==> flow/design.v <==
module alu_muxn #(
    parameter W = 20,
    parameter WAYS = 16,
    parameter SEL_W = $clog2(WAYS)
) (
    input  CLK,
    input  [WAYS*W-1:0] i_din,
    input  [SEL_W-1:0] i_pick,
    output [W-1:0] o_o
);
    reg [WAYS*W-1:0] din_q;
    reg [SEL_W-1:0] pick_q;
    always @(posedge CLK) begin
        din_q <= i_din;
        pick_q <= i_pick;
    end
    wire [W-1:0] nd [1:2*WAYS-1];
    genvar gi;
    generate
        for (gi = 0; gi < WAYS; gi = gi + 1) begin : each
            assign nd[WAYS+gi] = din_q[gi*W +: W];
        end
        for (gi = 1; gi < WAYS; gi = gi + 1) begin : gen
            alu_muxn_m2 #(.N(W)) i_sub (.a(nd[2*gi]), .b(nd[2*gi+1]), .s(pick_q[SEL_W - $clog2(gi+1)]), .y(nd[gi]));
        end
    endgenerate
    reg [W-1:0] o_q;
    always @(posedge CLK)
        o_q <= nd[1];
    assign o_o = o_q;
endmodule
module alu_muxn_m2 #(parameter N = 1) (
    input wire [N-1:0] a,
    input wire [N-1:0] b,
    input wire s,
    output wire [N-1:0] y
);
    assign y = s ? b : a;
endmodule
Reports on alu_muxn
What the tools print for alu_muxn, step after step.
Lines are those of the file above, counted from 1.
Library cell names are shortened.
{"block": "design", "top_module": "alu_muxn", "clk_port": "CLK", "library": "sky130hd", "pvt_corner": "tt_025C_1v80"}

Elaborated design
Yosys after proc, flatten, opt, wreduce and memory -nomap, before mapping. Enables and synchronous resets that opt folds into registers are not counted as muxes. Print and check cells are not counted. Equal cells are merged and count once.
{"block": "op_classes", "add_sub_neg": 0, "reduce_logical": 0, "n_mux": 15, "n_logic": 0, "multipliers": 0, "n_shift": 0, "eq_ne": 0, "div": 0, "n_cmp": 0}
{"block": "op_table", "operator": "2-to-1 mux 20 bit", "n": 15}
{"block": "word_totals", "ramBits": 0, "mem_bits_ro": 0, "regBits": 344, "latch_bits": 0, "clocked_rd_ports_x_width": 0, "memories": 0}

Longest topological paths
Yosys ltp: most cells in a row. Word level: on the elaborated netlist, between registers, memories and ports. Mapped: between sequential cells and ports; inverters and the memories' decode and read muxes count.
{"block": "logic_depth", "depth_word": 4, "abc_area": 0, "depth_mapped": 5, "mapped_depth_nobuf": 3}

Mapped cells and area
Source: synth_stat.txt of the flow (Yosys; design flattened, memories mapped). It holds for the ABC_AREA given above (unset counts as 0); a run with the other value may have another netlist.
The area totals of this step are shown rounded.
{"block": "mapped", "n_buf": 26, "cells": 514, "area_um2": 9300, "sequential_area_um2": 6900, "flip_flops": 344}
{"block": "by_type", "type": "dfxtp_1", "n": 344, "area_total_um2": 6.89E+03}
{"block": "by_type", "type": "mux4_2", "n": 64, "area_total_um2": 1.44E+03}
{"block": "by_type", "type": "mux4_1", "n": 16, "area_total_um2": 420.403}
{"block": "by_type", "type": "a22oi_1", "n": 40, "area_total_um2": 300.288}
{"block": "by_type", "type": "nand2_1", "n": 20, "area_total_um2": 75.072}
{"block": "by_type", "type": "clkbuf_1", "n": 16, "area_total_um2": 60.058}
{"block": "by_type", "type": "buf_6", "n": 5, "area_total_um2": 56.304}
{"block": "by_type", "type": "buf_4", "n": 4, "area_total_um2": 30.029}
{"block": "by_type", "type": "nor2b_1", "n": 2, "area_total_um2": 12.512}
{"block": "by_type", "type": "and2_1", "n": 1, "area_total_um2": 6.256}
{"block": "by_type", "type": "buf_2", "n": 1, "area_total_um2": 5.005}
{"block": "by_type", "type": "nor2_1", "n": 1, "area_total_um2": 3.754}
The figures by module come from a second, unflattened synthesis with its own total; it is not the netlist above.
{"block": "unflattened", "hier_cells": 674, "hier_area_um2": 12000}
Each row is one instance without its submodules.
{"block": "by_module", "mod": "alu_muxn", "seq_area_um2": 6900, "area_um2": 6900, "n_inst": 1, "n_cells": 344}
{"block": "by_module", "mod": "alu_muxn_m2 #(N=20)", "seq_area_um2": 0.0, "area_um2": 320, "n_inst": 15, "n_cells": 22}

Timing after synthesis
Source: OpenSTA report_checks on the synthesized netlist (no wires, ideal clock, input and output delay 20% of the period each), path of least setup slack; recovery checks are left aside. Register names are those of the netlist, which keeps one name where synthesis merged equal registers.
{"block": "synth_timing", "kind": "flip-flop to flip-flop", "start": "register pick_q[0]", "end": "register o_q[12]", "tclk_ns": 1.85, "path_delay_ns": 1.484, "arrival_time_ns": 1.364, "n_path_buf": 2, "setup_ns": 0.120, "slack_ns": 0.366, "path_stages": 6, "t_first_pin_ns": 0.000, "period_less_setup_slack_ns": 1.484}
"path_delay_ns" is the arrival time less input delay plus setup time.
"path_stages": output pins that drive a net of the path, with the launching flip-flop's if there is one; two outputs of one cell count as two.
"period_less_setup_slack_ns" = period - worst setup slack (recovery checks aside). The figure is calculated, with input and output delays left at 20% of the set period.
The rows between start and end are the longest chain of elaborated cells between them; the timing report does not say that the signal goes this way. Where chains are equally long, one stands for them.
A line is the first line of the expression or statement that the cell stems from. Yosys adds cells for indexed reads and writes and turns some case tables into memories.
{"block": "synth_via", "path_cell_list": "dfxtp_1 > buf_6 > buf_6 > mux4_1 > a22oi_1 > nand2_1", "elab_chain_len": 4, "cells_between": 15}
{"block": "synth_lines", "item": "from (decl)", "line": 12, "text": "reg [SEL_W-1:0] pick_q;"}
{"block": "synth_lines", "item": "from (assign)", "line": 15, "text": "pick_q <= i_pick;"}
{"block": "synth_lines", "item": "2-to-1 mux 20 bit (4 in a row)", "line": 38, "text": "assign y = s ? b : a;"}
{"block": "synth_lines", "item": "to (assign)", "line": 29, "text": "o_q <= nd[1];"}
{"block": "synth_lines", "item": "to (decl)", "line": 27, "text": "reg [W-1:0] o_q;"}

Timing after layout
From the final timing report of stored run 1: the path of least setup slack in the routed layout; clock arrival at registers is part of the times.
{"block": "layout_timing", "kind": "flip-flop to output port", "start": "register o_q[16]", "end": "output o_o[16]", "tclk_ns": 1.85, "n_path_buf": 1, "arrival_time_ns": 1.42, "slack_ns": 0.06, "t_first_pin_ns": 0.50, "path_stages": 2}
{"block": "layout_via", "path_cell_list": "dfxtp_1 > clkdlybuf4s50_1", "elab_chain_len": 0, "cells_between": 0}
{"block": "layout_lines", "item": "from (decl)", "line": 27, "text": "reg [W-1:0] o_q;"}
{"block": "layout_lines", "item": "from (assign)", "line": 29, "text": "o_q <= nd[1];"}
{"block": "layout_lines", "item": "to (decl)", "line": 9, "text": "output [W-1:0] o_o"}

==> runs of alu_muxn <==
Module alu_muxn, platform sky130hd: 3 stored runs of the flow (Yosys, OpenROAD) with differing settings, in no particular order. Input and output delays are each 20% of the period that was set; the output load is 0.01 pF.
"achievedPeriod_ns": clock period set for the run, less the worst setup slack. It is reckoned from that one timing run; input and output delays stay at 20% of the period that was set.
By "power_total_mw" is meant OpenSTA's value without simulated activity: inputs other than the clock are taken to toggle once in ten clock periods, and the tool carries that through the logic.
Results are given in rounded form.

{"run": "stored run 1", "settings": { "period_ns": 1.85, "CAP_MARGIN": 20, "CORE_MARGIN": 2, "CORE_UTILIZATION": 40, "SLEW_MARGIN": 20 }, "results": { "power_total_mw": 17, "dieArea_um2": 24000, "setup_worst_slack_ns": 0.064, "final_cell_area_um2": 15000, "fin_tns_ns": 0.000, "yosys_chip_area_um2": 9300, "achievedPeriod_ns": 1.786 }}
{"run": "stored run 2", "settings": { "period_ns": 1.96, "CORE_UTILIZATION": 65, "GPL_TIMING_DRIVEN": 1, "CTS_CLUSTER_SIZE": 45, "MAX_ROUTING_LAYER": "met4", "CAP_MARGIN": 20, "CORE_MARGIN": 2, "SLEW_MARGIN": 20 }, "outcome": "not finished: clock tree synthesis ended with error DPL-0038"}
{"run": "stored run 3", "settings": { "period_ns": 2.51, "CORE_UTILIZATION": 71, "SETUP_SLACK_MARGIN": 0.01, "PLACE_DENSITY_LB_ADDON": 0.3, "CORE_ASPECT_RATIO": 0.55, "CORE_MARGIN": 6, "ABC_AREA": 0, "GPL_ROUTABILITY_DRIVEN": 0, "CTS_CLUSTER_DIAMETER": 130, "SLEW_MARGIN": 15, "MIN_ROUTING_LAYER": "met2", "CAP_MARGIN": 20 }, "outcome": "not finished: placement ended with error FLW-0024"}
